==> flow/design.v <==
module my_muxn_mod #(
    parameter DATA_WIDTH = 8,
    parameter INPUTS = 32,
    parameter LG = $clog2(INPUTS)
) (
    input wire clk,
    input wire aresetn,
    input wire [INPUTS*DATA_WIDTH-1:0] i_in,
    input wire [LG-1:0] i_idx,
    output reg [DATA_WIDTH-1:0] o_result
);
    reg [DATA_WIDTH-1:0] t;
    integer k;
    always @* begin
        t = 0;
        for (k = 0; k < INPUTS; k = k + 1)
            if (i_idx == k) t = i_in[k*DATA_WIDTH +: DATA_WIDTH];
    end
    always @(posedge clk or negedge aresetn) begin
        if (~aresetn) begin
            o_result <= 0;
        end else begin
            o_result <= t;
        end
    end
endmodule
Tool chain data of my_muxn_mod

Tool output for the design above, in the order of the flow.
Line numbers count from 1 in the design file above.
The mark n/a stands for no value.

Design top: my_muxn_mod
Clock input: clk
Standard-cell library: sky130hd
Library corner: tt_025C_1v80

Word-level counts

Source: Yosys, flattened and elaborated, memories not mapped. Widths are those after wreduce; folded enables and synchronous resets count as part of the registers. Registers that Yosys merges into a memory's read port (data or address) are not register bits. Print and check cells do not count. Equal cells are merged and count once.

Register bits: 8
Bits of input ports: 263
Output and inout bits: 8
Elaborated cells: 65

Equal/unequal tests: 31
Mux-type cells: 32
Reductions and logical operators: 1

Operator list:

| operator                                             | count |
| 2-to-1 mux 8 bit                                     | 32 |
| equality test 5 bit (second input constant)          | 16 |
| equality test 5 x 4 -> 1 bit (second input constant) | 8 |
| equality test 5 x 3 -> 1 bit (second input constant) | 4 |
| equality test 5 x 2 -> 1 bit (second input constant) | 2 |
| equality test 5 x 1 -> 1 bit (second input constant) | 1 |
| zero test 5 bit                                      | 1 |

Depth

Longest topological path by Yosys (ltp), each cell counted once; first at word level (registers and memories cut), then after technology mapping (sequential cells cut; the memories' decode and read muxes count).

Depth after elaboration: 33
ABC_AREA: 0
Depth in mapped cells: 10
Gate-level depth less buffers: 6

Synthesis result

Source: synth_stat.txt of the flow (Yosys; design flattened, memories mapped). It holds for the ABC_AREA given above (unset counts as 0); a run with the other value may have another netlist.
The area totals of this step are shown rounded.

Cells in the netlist: 548
Chip area (Yosys): 3710 um2
Sequential area: 200 um2
Mapped flip-flops: 8
Buffer cells: 52

Cells by type:

| cell                      | count | area in all (um2) |
| sky130_fd_sc_hd__a21oi_1  | 56    | 280.269 |
| sky130_fd_sc_hd__dfrtp_1  | 8     | 200.192 |
| sky130_fd_sc_hd__o21ai_0  | 34    | 170.163 |
| sky130_fd_sc_hd__mux2i_1  | 16    | 160.154 |
| sky130_fd_sc_hd__mux4_2   | 7     | 157.651 |
| sky130_fd_sc_hd__nor2_1   | 41    | 153.898 |
| sky130_fd_sc_hd__nand2_1  | 40    | 150.144 |
| sky130_fd_sc_hd__buf_2    | 25    | 125.12 |
| sky130_fd_sc_hd__nor2b_1  | 19    | 118.864 |
| sky130_fd_sc_hd__o211ai_1 | 14    | 105.101 |
| sky130_fd_sc_hd__mux2_2   | 9     | 101.347 |
| sky130_fd_sc_hd__nand2b_1 | 16    | 100.096 |
| sky130_fd_sc_hd__nand3_1  | 20    | 100.096 |
| sky130_fd_sc_hd__buf_4    | 13    | 97.594 |
| sky130_fd_sc_hd__nor3_1   | 19    | 95.091 |
| sky130_fd_sc_hd__o221ai_1 | 10    | 87.584 |
| sky130_fd_sc_hd__o22ai_1  | 12    | 75.072 |
| sky130_fd_sc_hd__a32oi_1  | 8     | 70.067 |

Other cell types: 57; their cells: 181.

Timing after synthesis

Source: OpenSTA report_checks on the synthesized netlist (no wires, ideal clock, input and output delay 20% of the period each), path of least setup slack; recovery checks are left aside. Register names are those of the netlist, which keeps one name where synthesis merged equal registers.

Path type: in2reg
Start point: input i_idx[0]
End point: register o_result[4]
Clock period: 2.5 ns
External input delay: 0.500 ns
Library setup time: 0.143 ns
Time at the first pin: 0.500 ns
Data arrival time: 1.960 ns
Data required time: 2.357 ns
Setup slack: 0.397 ns
Path delay: 1.603 ns
Driving pins on the path: 8
Buffers on the path: 2
Period reached after synthesis: 2.103 ns

"path delay" is the arrival time less input delay plus setup time.
"driving pins on the path": output pins that drive a net of the path, with the launching flip-flop's if there is one; two outputs of one cell count as two.
"period reached after synthesis" = period - worst setup slack (recovery checks aside). The figure is calculated, with input and output delays left at 20% of the set period.
Between the ends stands the longest chain of elaborated cells between them, by number of cells; it is not shown to be the way that was timed. Of several equally long chains one is given.
Each line given opens the expression or statement behind the cell; cells for indexed reads and writes are added by Yosys, which also makes memories of some case tables.

Cells stage by stage: sky130_fd_sc_hd__buf_4 -> sky130_fd_sc_hd__buf_6 -> sky130_fd_sc_hd__or2_2 -> sky130_fd_sc_hd__nor4_1 -> sky130_fd_sc_hd__a221o_1 -> sky130_fd_sc_hd__o211ai_1 -> sky130_fd_sc_hd__a2111oi_0 -> sky130_fd_sc_hd__o22ai_1
Cells in the longest elaborated chain: 33
Elaborated cells between the ends (all ways): 64
Source lines of those cells: 1
Those cells by class: 31 x eq/ne; 32 x mux; 1 x reduce/logical

RTL lines, path after synthesis:

| item                 | line | RTL |
| start, declared      | 9    | `input wire [LG-1:0] i_idx,` |
| zero test 5 bit      | 17   | `if (i_idx == k) t = i_in[k*DATA_WIDTH +: DATA_WIDTH];` |
| 2-to-1 mux 8 bit x32 | 17   |  |
| end, assigned        | 21   | `o_result <= 0;` |
| end, assigned        | 23   | `o_result <= t;` |
| end, declared        | 10   | `output reg [DATA_WIDTH-1:0] o_result` |

Timing after layout

Path of least setup slack in the final report of flow run B (OpenROAD, finished layout, wires in). Where an end is a register, its clock arrival counts in the times.

Path type: in2reg
Start point: input i_idx[3]
End point: register o_result[0]
Clock period: 2.5 ns
External input delay: 0.50 ns
Library setup time: 0.09 ns
Time at the first pin: 0.50 ns
Data arrival time: 2.59 ns
Data required time: 2.65 ns
Setup slack: 0.06 ns
Driving pins on the path: 9
Buffers on the path: 3

Between the ends stands the longest chain of elaborated cells between them, by number of cells; it is not shown to be the way that was timed. Of several equally long chains one is given.

Cells stage by stage: sky130_fd_sc_hd__clkdlybuf4s50_1 -> sky130_fd_sc_hd__buf_6 -> sky130_fd_sc_hd__buf_6 -> sky130_fd_sc_hd__and3b_2 -> sky130_fd_sc_hd__nor2_1 -> sky130_fd_sc_hd__o32a_1 -> sky130_fd_sc_hd__a22o_1 -> sky130_fd_sc_hd__o211a_1 -> sky130_fd_sc_hd__a211oi_2
Cells in the longest elaborated chain: 33
Elaborated cells between the ends (all ways): 64
Source lines of those cells: 1
Those cells by class: 31 x eq/ne; 32 x mux; 1 x reduce/logical

RTL lines, path post-layout:

| item                 | line | RTL |
| start, declared      | 9    | `input wire [LG-1:0] i_idx,` |
| zero test 5 bit      | 17   | `if (i_idx == k) t = i_in[k*DATA_WIDTH +: DATA_WIDTH];` |
| 2-to-1 mux 8 bit x32 | 17   |  |
| end, assigned        | 21   | `o_result <= 0;` |
| end, assigned        | 23   | `o_result <= t;` |
| end, declared        | 10   | `output reg [DATA_WIDTH-1:0] o_result` |

Appendix: measured runs

Top module my_muxn_mod; platform sky130hd; tools Yosys and OpenROAD; 3 stored runs in no particular order. Input and output delays are each 20% of the period that was set; the output load is 0.01 pF.
"clock period reached" = clock period - worst setup slack. The figure is calculated, with input and output delays left at 20% of the set period.
"critical path time" = time allowed to the worst setup path (clock period - input delay - output delay, where it has them) - its slack; a late launch clock adds to it, a late capture clock takes from it.
"total power of the final layout" is the tool's figure for a default switching activity; nothing was simulated.
Measured values are rounded.
Settings: -- = not set for that run.
Among the results, -- means that no value is shown for the run.

| item                                  | flow run A | flow run B | flow run C |
| period_ns                             | 3.31       | 2.5        | 1.69       |
| CORE_UTILIZATION                      | 52         | 40         | 39         |
| SETUP_SLACK_MARGIN                    | 0.63       | --         | --         |
| CORE_ASPECT_RATIO                     | 1.53       | --         | --         |
| CELL_PAD_IN_SITES_DETAIL_PLACEMENT    | 1          | --         | 2          |
| ABC_AREA                              | 0          | --         | --         |
| SLEW_MARGIN                           | 25         | 20         | 20         |
| CAP_MARGIN                            | 20         | 20         | 30         |
| CORE_MARGIN                           | 2          | 2          | 9          |
| PLACE_DENSITY_LB_ADDON                | --         | --         | 0.17       |
| CELL_PAD_IN_SITES_GLOBAL_PLACEMENT    | --         | --         | 2          |
| GPL_ROUTABILITY_DRIVEN                | --         | --         | 1          |
| CTS_CLUSTER_SIZE                      | --         | --         | 41         |
| CTS_CLUSTER_DIAMETER                  | --         | --         | 123        |
| MIN_ROUTING_LAYER                     | --         | --         | met2       |
| MAX_ROUTING_LAYER                     | --         | --         | met4       |
| Yosys chip area after synthesis (um2) | --         | 3710       | --         |
| area inside the die boundary (um2)    | --         | 10100      | --         |
| utilization after layout              | --         | 0.816      | --         |
| smallest setup slack (ns)             | --         | 0.059      | --         |
| total power of the final layout (uW)  | --         | 1580       | --         |
| clock period reached (ns)             | --         | 2.441      | --         |
| critical path time (ns)               | --         | 1.94       | --         |
| critical path type                    | --         | in2reg     | --         |

Flow run A: no final report: placement broke off with GPL-0301
Flow run C: no final report: placement broke off with FLW-0024
